==> flow/design.v <==
module u_add_core #(
   parameter integer DW = 56
) (
   input  logic ck,
   input  logic RSTN,
   input  logic [DW-1:0] arg0,
   input  logic [DW-1:0] arg1,
   input  logic [DW-1:0] arg2,
   output logic [DW+1:0] s
);
   logic [DW-1:0] arg0_r;
   logic [DW-1:0] arg1_r;
   logic [DW-1:0] arg2_r;
   logic [DW:0] tmp_r;
   logic [DW-1:0] arg2_r_d;
   always_ff @(posedge ck) begin
      if (~RSTN) begin
         arg0_r <= '0;
         arg1_r <= '0;
         arg2_r <= '0;
         tmp_r <= '0;
         arg2_r_d <= '0;
         s <= '0;
      end else begin
         arg0_r <= arg0;
         arg1_r <= arg1;
         arg2_r <= arg2;
         tmp_r <= arg0_r + arg1_r;
         arg2_r_d <= arg2_r;
         s <= tmp_r + arg2_r_d;
      end
   end
endmodule
Tool chain data of u_add_core
Tool output for the design above, in the order of the flow. Lines are those of the file above, counted from 1. Cell names lack the library's common part. The mark - stands for no value.

Design top: u_add_core. Clock input: ck. Library: sky130hd. Library corner: tt_025C_1v80.

Word level
Counts by Yosys on the flattened word-level netlist (proc, flatten, opt, wreduce; memories kept). Register bits leave out memories and registers merged into their read ports (data or address); mux counts leave out enables and synchronous resets folded into registers. Print and check cells are left out. Cells with the same type and inputs are merged into one.

Add/sub/neg operators: 2.

Operators by type and width (count): 57-bit by 56-bit adder with 58-bit output (1); 56-bit by 56-bit adder with 57-bit output (1).

The entry for output and inout bits reads 58. Register bits: 339. Elaborated cells: 8. Under input bits stands 170.

Logic depth
Longest topological path by Yosys (ltp), each cell counted once; first at word level (registers and memories cut), then after technology mapping (sequential cells cut; the memories' decode and read muxes count).

Under depth after elaboration stands 1. The figure for ABC_AREA is 0. Mapped depth: 12. Under mapped depth without buffers stands 12.

Synthesis result
Yosys stat after the flow's synthesis: flattened, memories mapped to cells. It holds for the ABC_AREA given above (unset counts as 0); a run with the other value may have another netlist.

The figure for flip-flops is 339. Cell count: 1706. Under buffer cells stands 84. Sequential area: 6786.5 sq um. The figure for chip area (Yosys) is 15419.8 sq um.

Cells by type: dfxtp_1 (count 339, total area 6.79E+03 sq um); and2_1 (count 236, total area 1.48E+03 sq um); ha_1 (count 112, total area 1.4E+03 sq um); a21oi_1 (count 135, total area 675.648 sq um); nor2_1 (count 145, total area 544.272 sq um); nand2_1 (count 114, total area 427.91 sq um); xor2_1 (count 48, total area 420.403 sq um); a21o_1 (count 49, total area 367.853 sq um); xnor2_1 (count 41, total area 359.094 sq um); o21ai_0 (count 64, total area 320.307 sq um); clkbuf_1 (count 75, total area 281.52 sq um); nand4_1 (count 29, total area 181.424 sq um); o21bai_1 (count 22, total area 165.158 sq um); nor3_1 (count 29, total area 145.139 sq um); o211ai_1 (count 19, total area 142.637 sq um); a31oi_1 (count 22, total area 137.632 sq um); and3_1 (count 20, total area 125.12 sq um); nand3_1 (count 25, total area 125.12 sq um).

Other cell types: 43; their cells: 182.

Timing after synthesis
OpenSTA on the mapped netlist: ideal clock, no wires. The path of least setup slack (recovery checks aside). Input and output delay are each 20% of the period. Register names are those of the netlist, which keeps one name where synthesis merged equal registers.

Kind: register to register. Start point: reg arg0_r[0]. End point: reg tmp_r[54]. Data arrival time: 2.738 ns. Path slack: 0.700 ns. Under data required time stands 3.438 ns. The figure for library setup time is 0.072 ns. For path buffers the number is 0. The entry for stages on the path reads 12. The entry for delay of the path reads 2.810 ns. Under launch time at the first pin stands 0.000 ns. The figure for clock period is 3.51 ns. The entry for synthesis period reached reads 2.81 ns.

"delay of the path" is the arrival time less input delay plus setup time. "stages on the path" counts driving pins, that of a launching flip-flop among them; a cell with two outputs on the path counts twice. "synthesis period reached" = period - worst setup slack (recovery checks aside). The figure is calculated, with input and output delays left at 20% of the set period. The rows between start and end are the longest chain of elaborated cells between them; the timing report does not say that the signal goes this way. Where chains are equally long, one stands for them. A line is the first line of the expression or statement that the cell stems from. Yosys adds cells for indexed reads and writes and turns some case tables into memories.

Cell sequence: dfxtp_1 -> ha_1 -> fa_1 -> a21o_1 -> a221o_1 -> a31o_2 -> a21oi_1 -> o2111ai_2 -> nand2_2 -> o41ai_4 -> a221oi_1 -> mux2i_1. The entry for cells in the longest elaborated chain reads 1.

RTL lines, path after synthesis: from (decl) (RTL line 11) `logic [DW-1:0] arg0_r;`; from (assign) (RTL line 18) `arg0_r <= '0;`; from (assign) (RTL line 25) `arg0_r <= arg0;`; 56-bit by 56-bit adder with 57-bit output (RTL line 28) `tmp_r <= arg0_r + arg1_r;`; to (assign) (RTL line 21) `tmp_r <= '0;`; to (assign) (RTL line 28); to (decl) (RTL line 14) `logic [DW:0] tmp_r;`.

Timing after layout
From the final timing report of flow run A: the path of least setup slack in the routed layout; clock arrival at registers is part of the times.

Kind: register to register. Start point: reg arg0_r[0]. End point: reg tmp_r[54]. The figure for clock period is 3.51 ns. Data arrival time: 3.73 ns. The entry for stages on the path reads 12. For path buffers the number is 0. Under launch time at the first pin stands 0.55 ns. Under data required time stands 3.99 ns. Path slack: 0.26 ns. The figure for library setup time is 0.07 ns.

The rows between start and end are the longest chain of elaborated cells between them; the timing report does not say that the signal goes this way. Where chains are equally long, one stands for them.

Cell sequence: dfxtp_1 -> ha_1 -> fa_1 -> a21o_1 -> a221o_1 -> a31o_2 -> a21oi_1 -> o2111ai_2 -> nand2_2 -> o41ai_4 -> a221oi_1 -> mux2i_1. The entry for cells in the longest elaborated chain reads 1.

RTL lines, path after layout: from (decl) (RTL line 11) `logic [DW-1:0] arg0_r;`; from (assign) (RTL line 18) `arg0_r <= '0;`; from (assign) (RTL line 25) `arg0_r <= arg0;`; 56-bit by 56-bit adder with 57-bit output (RTL line 28) `tmp_r <= arg0_r + arg1_r;`; to (assign) (RTL line 21) `tmp_r <= '0;`; to (assign) (RTL line 28); to (decl) (RTL line 14) `logic [DW:0] tmp_r;`.

Subject: u_add_core on sky130hd, stored results

Hello all,

Top module u_add_core; platform sky130hd; tools Yosys and OpenROAD; 3 stored runs in no particular order. Input and output delays are each 20% of the period that was set; the output load is 0.01 pF. "clock period reached" means the clock period less the worst setup slack. The figure is calculated, with input and output delays left at 20% of the set period. By "time of the worst setup path" is meant the share of the clock period that the worst setup path is allowed (20% is reserved at inputs, 20% at outputs), minus its slack. Clock arrival times at its registers enter into it.

Flow run A has these settings: period_ns 3.51; CAP_MARGIN 20; CORE_MARGIN 2; CORE_UTILIZATION 40; SLEW_MARGIN 20. The measured worst setup slack after layout is 0.257 ns. The standard-cell area after layout stands at 19,427.4 sq um. The clock period reached reads 3.253 ns. The time of the worst setup path is 3.25 ns. Critical path type: register to register. The measured chip area after synthesis (Yosys) is 15,419.8 sq um. The total die area stands at 40,136.1 sq um. The total negative slack on setup checks reads 0.000 ns. The smallest hold slack comes to 0.430 ns.

Flow run B has these settings: period_ns 2.76; CORE_UTILIZATION 60; SETUP_SLACK_MARGIN 0.37; PLACE_DENSITY 0.45; HOLD_SLACK_MARGIN 0.19; CORE_ASPECT_RATIO 1.22; GPL_ROUTABILITY_DRIVEN 1; MIN_ROUTING_LAYER met1; CAP_MARGIN 20; CORE_MARGIN 2; SLEW_MARGIN 20. The time of the worst setup path is 2.94 ns. Critical path type: register to register. The smallest hold slack comes to 0.329 ns. The clock period reached reads 2.944 ns. The total negative slack on setup checks reads -1.502 ns. The total die area stands at 27,004.8 sq um. The standard-cell area after layout stands at 22,400.2 sq um. The measured worst setup slack after layout is -0.184 ns. The measured chip area after synthesis (Yosys) is 15,419.8 sq um.

Flow run C has these settings: period_ns 2.58; CORE_UTILIZATION 24; CORE_MARGIN 7; CELL_PAD_IN_SITES_GLOBAL_PLACEMENT 3; TNS_END_PERCENT 100; CTS_CLUSTER_SIZE 54; CAP_MARGIN 20; SLEW_MARGIN 20. The clock period reached reads 2.820 ns. The smallest hold slack comes to 0.402 ns. The standard-cell area after layout stands at 24,166.9 sq um. The total negative slack on setup checks reads -3.862 ns. The measured worst setup slack after layout is -0.240 ns. The total die area stands at 71,542.9 sq um. The time of the worst setup path is 2.82 ns. Critical path type: register to register. The measured chip area after synthesis (Yosys) is 15,419.8 sq um.

Thanks
